==> flow/design.v <==
module core_mag_cmp_rtl #(
  parameter WIDTH = 14
) (
  input clk_i,
  input i_rst_n,
  input [WIDTH-1:0] rs1_in,
  input [WIDTH-1:0] rs2_in,
  output reg a_gt_b_out,
  output reg lt_out
);
  reg g;
  reg l;
  integer n;
  always @* begin
    g = 1'b0;
    l = 1'b0;
    for (n = WIDTH-1; n >= 0; n = n - 1) begin
      if (!g && !l) begin
        g = rs1_in[n] & ~rs2_in[n];
        l = ~rs1_in[n] & rs2_in[n];
      end
    end
  end
  always @(posedge clk_i or negedge i_rst_n) begin
    if (!i_rst_n) begin
      a_gt_b_out <= 1'b0;
      lt_out <= 1'b0;
    end else begin
      a_gt_b_out <= g;
      lt_out <= l;
    end
  end
endmodule
From RTL to reports: core_mag_cmp_rtl
What the tools print for core_mag_cmp_rtl, step after step.
Line numbers count from 1 in the design file above.
Cell names lack the library's common part.
Not given: --

inputs
  design top = core_mag_cmp_rtl
  clock port = clk_i
  library = sky130hd
  timing corner = tt_025C_1v80

Word level
Counts by Yosys on the flattened word-level netlist (proc, flatten, opt, wreduce; memories kept). Register bits leave out memories and registers merged into their read ports (data or address); mux counts leave out enables and synchronous resets folded into registers. Print and check cells are left out. Cells with the same type and inputs are merged into one.

bit counts
  register bits = 2
  input bits = 30
  output and inout port bits = 2

operators by class
  bitwise logic cells = 56
  multiplexer cells = 26
  reductions and logical operators = 39

operators by type and width
  operator           number
  AND 1 bit          28
  inverter 1 bit     28
  logical NOT 1 bit  26
  2-to-1 mux 1 bit   26
  logical AND 1 bit  13

Logic depth
Yosys ltp: most cells in a row. Word level: on the elaborated netlist, between registers, memories and ports. Mapped: between sequential cells and ports; inverters and the memories' decode and read muxes count.

depth
  depth after elaboration = 41
  ABC_AREA = 0
  depth in mapped cells = 6

After synthesis
Yosys stat after the flow's synthesis: flattened, memories mapped to cells. It holds for the ABC_AREA given above (unset counts as 0); a run with the other value may have another netlist.
Totals and module areas in this step are rounded.

mapped netlist
  flip-flops = 2
  cell count = 53
  chip area (Yosys) = 0.0004104 mm²
  buffer cells = 0

cells by type
  cell      number  area in all (µm²)
  maj3_1    9       90.086
  dfrtp_1   2       50.048
  nand2b_1  6       37.536
  nor2b_1   6       37.536
  inv_1     9       33.782
  maj3_2    3       33.782
  a21oi_1   5       25.024
  ha_1      2       25.024
  a21o_1    3       22.522
  o21a_1    2       15.014
  mux2i_1   1       10.01
  o21ai_0   2       10.01
  and2b_1   1       7.507
  nand3b_1  1       7.507
  o21ai_1   1       5.005

Path before layout
OpenSTA on the mapped netlist: ideal clock, no wires. The path of least setup slack (recovery checks aside). Input and output delay are each 20% of the period. Register names are those of the netlist, which keeps one name where synthesis merged equal registers.

timing post-synthesis
  kind = input -> register
  from = input port rs1_in[4]
  to = register a_gt_b_out
  driving pins on the path = 6
  arrival = 1,514 ps
  path delay = 1,251 ps
  required time = 1,823 ps
  input delay = 390 ps
  clock period = 1,950 ps
  path slack = 309 ps
  synthesis period reached = 1,641 ps

"path delay" = arrival - input delay + setup time.
"driving pins on the path" counts driving pins, that of a launching flip-flop among them; a cell with two outputs on the path counts twice.
"synthesis period reached" is the clock period less the worst setup slack; recovery checks do not enter. This is arithmetic on one report: input and output delays are still those of the set period (20% each).
Between the ends stands the longest chain of elaborated cells between them, by number of cells; it is not shown to be the way that was timed. Of several equally long chains one is given.
Each line given opens the expression or statement behind the cell; cells for indexed reads and writes are added by Yosys, which also makes memories of some case tables.

between the ends, post-synthesis
  path through = nand2b_1 -> maj3_2 -> maj3_1 -> a21oi_1 -> o21a_1 -> o21ai_1
  cells in the longest elaborated chain = 15
  elaborated cells on any way between the ends = 24
  source lines of those cells = 3

RTL lines, path post-synthesis
  what                RTL line  RTL
  start: declaration  6         input [WIDTH-1:0] rs1_in,
  inverter 1 bit      20        l = ~rs1_in[n] & rs2_in[n];
  AND 1 bit           20
  2-to-1 mux 1 bit    18        if (!g && !l) begin
  logical NOT 1 bit   18
  logical AND 1 bit   18
  2-to-1 mux 1 bit    18
  logical NOT 1 bit   18
  logical AND 1 bit   18
  2-to-1 mux 1 bit    18
  logical NOT 1 bit   18
  logical AND 1 bit   18
  2-to-1 mux 1 bit    18
  logical NOT 1 bit   18
  logical AND 1 bit   18
  2-to-1 mux 1 bit    18
  end: assignment     26        a_gt_b_out <= 1'b0;
  end: assignment     29        a_gt_b_out <= g;
  end: declaration    8         output reg a_gt_b_out,

Path in the finished layout
From the final timing report of run A: the path of least setup slack in the routed layout; clock arrival at registers is part of the times.
The path's times are printed in steps of 10 ps; the period is the one set.

timing after layout
  kind = input -> register
  from = input port rs1_in[0]
  to = register a_gt_b_out
  arrival = 1,960 ps
  required time = 2,000 ps
  path slack = 40 ps
  driving pins on the path = 7
  clock period = 1,950 ps
  input delay = 390 ps

Between the ends stands the longest chain of elaborated cells between them, by number of cells; it is not shown to be the way that was timed. Of several equally long chains one is given.

between the ends, after layout
  path through = clkdlybuf4s50_1 -> nor2b_1 -> maj3_1 -> maj3_2 -> a21oi_2 -> o21a_1 -> o21ai_1
  cells in the longest elaborated chain = 2
  elaborated cells on any way between the ends = 2
  source lines of those cells = 2

RTL lines, path after layout
  what                RTL line  RTL
  start: declaration  6         input [WIDTH-1:0] rs1_in,
  AND 1 bit           19        g = rs1_in[n] & ~rs2_in[n];
  2-to-1 mux 1 bit    18        if (!g && !l) begin
  end: assignment     26        a_gt_b_out <= 1'b0;
  end: assignment     29        a_gt_b_out <= g;
  end: declaration    8         output reg a_gt_b_out,

Ticket comment

Measured data: module core_mag_cmp_rtl, platform sky130hd, 3 stored runs of the flow under differing settings, order arbitrary. Input and output delays are each 20% of the period that was set; the output load is 0.01 pF.
"achieved clock period" is the run's clock period less its worst setup slack. It is reckoned from that one timing run; input and output delays stay at 20% of the period that was set.
"power" rests on the timing tool's default activity at the inputs, not on a simulated workload.
The results are shown rounded.
Among the settings, n/a means not set for that run.
Results: n/a = not shown.

setting or result                      run A      run B  run C
period_ns                              1.95       0.952  2.19
CAP_MARGIN                             20         20     40
CORE_MARGIN                            2          9      6
CORE_UTILIZATION                       40         44     17
SLEW_MARGIN                            20         20     20
PLACE_DENSITY_LB_ADDON                 n/a        0.02   0.02
TNS_END_PERCENT                        n/a        55     n/a
CTS_CLUSTER_DIAMETER                   n/a        175    n/a
HOLD_SLACK_MARGIN                      n/a        n/a    0.01
CELL_PAD_IN_SITES_GLOBAL_PLACEMENT     n/a        n/a    2
CELL_PAD_IN_SITES_DETAIL_PLACEMENT     n/a        n/a    1
CTS_CLUSTER_SIZE                       n/a        n/a    18
MIN_ROUTING_LAYER                      n/a        n/a    met2
achieved clock period (ps)             1,906      n/a    1,961
standard-cell area after layout (mm²)  0.0007833  n/a    0.0007782
power (µW)                             279.4      n/a    266.9
chip area in the Yosys report (mm²)    0.0004104  n/a    0.0004104
worst setup slack after layout (ps)    44         n/a    229
full die area (mm²)                    0.001298   n/a    0.003737

Run B: no final report: floorplanning broke off with PDN-0185
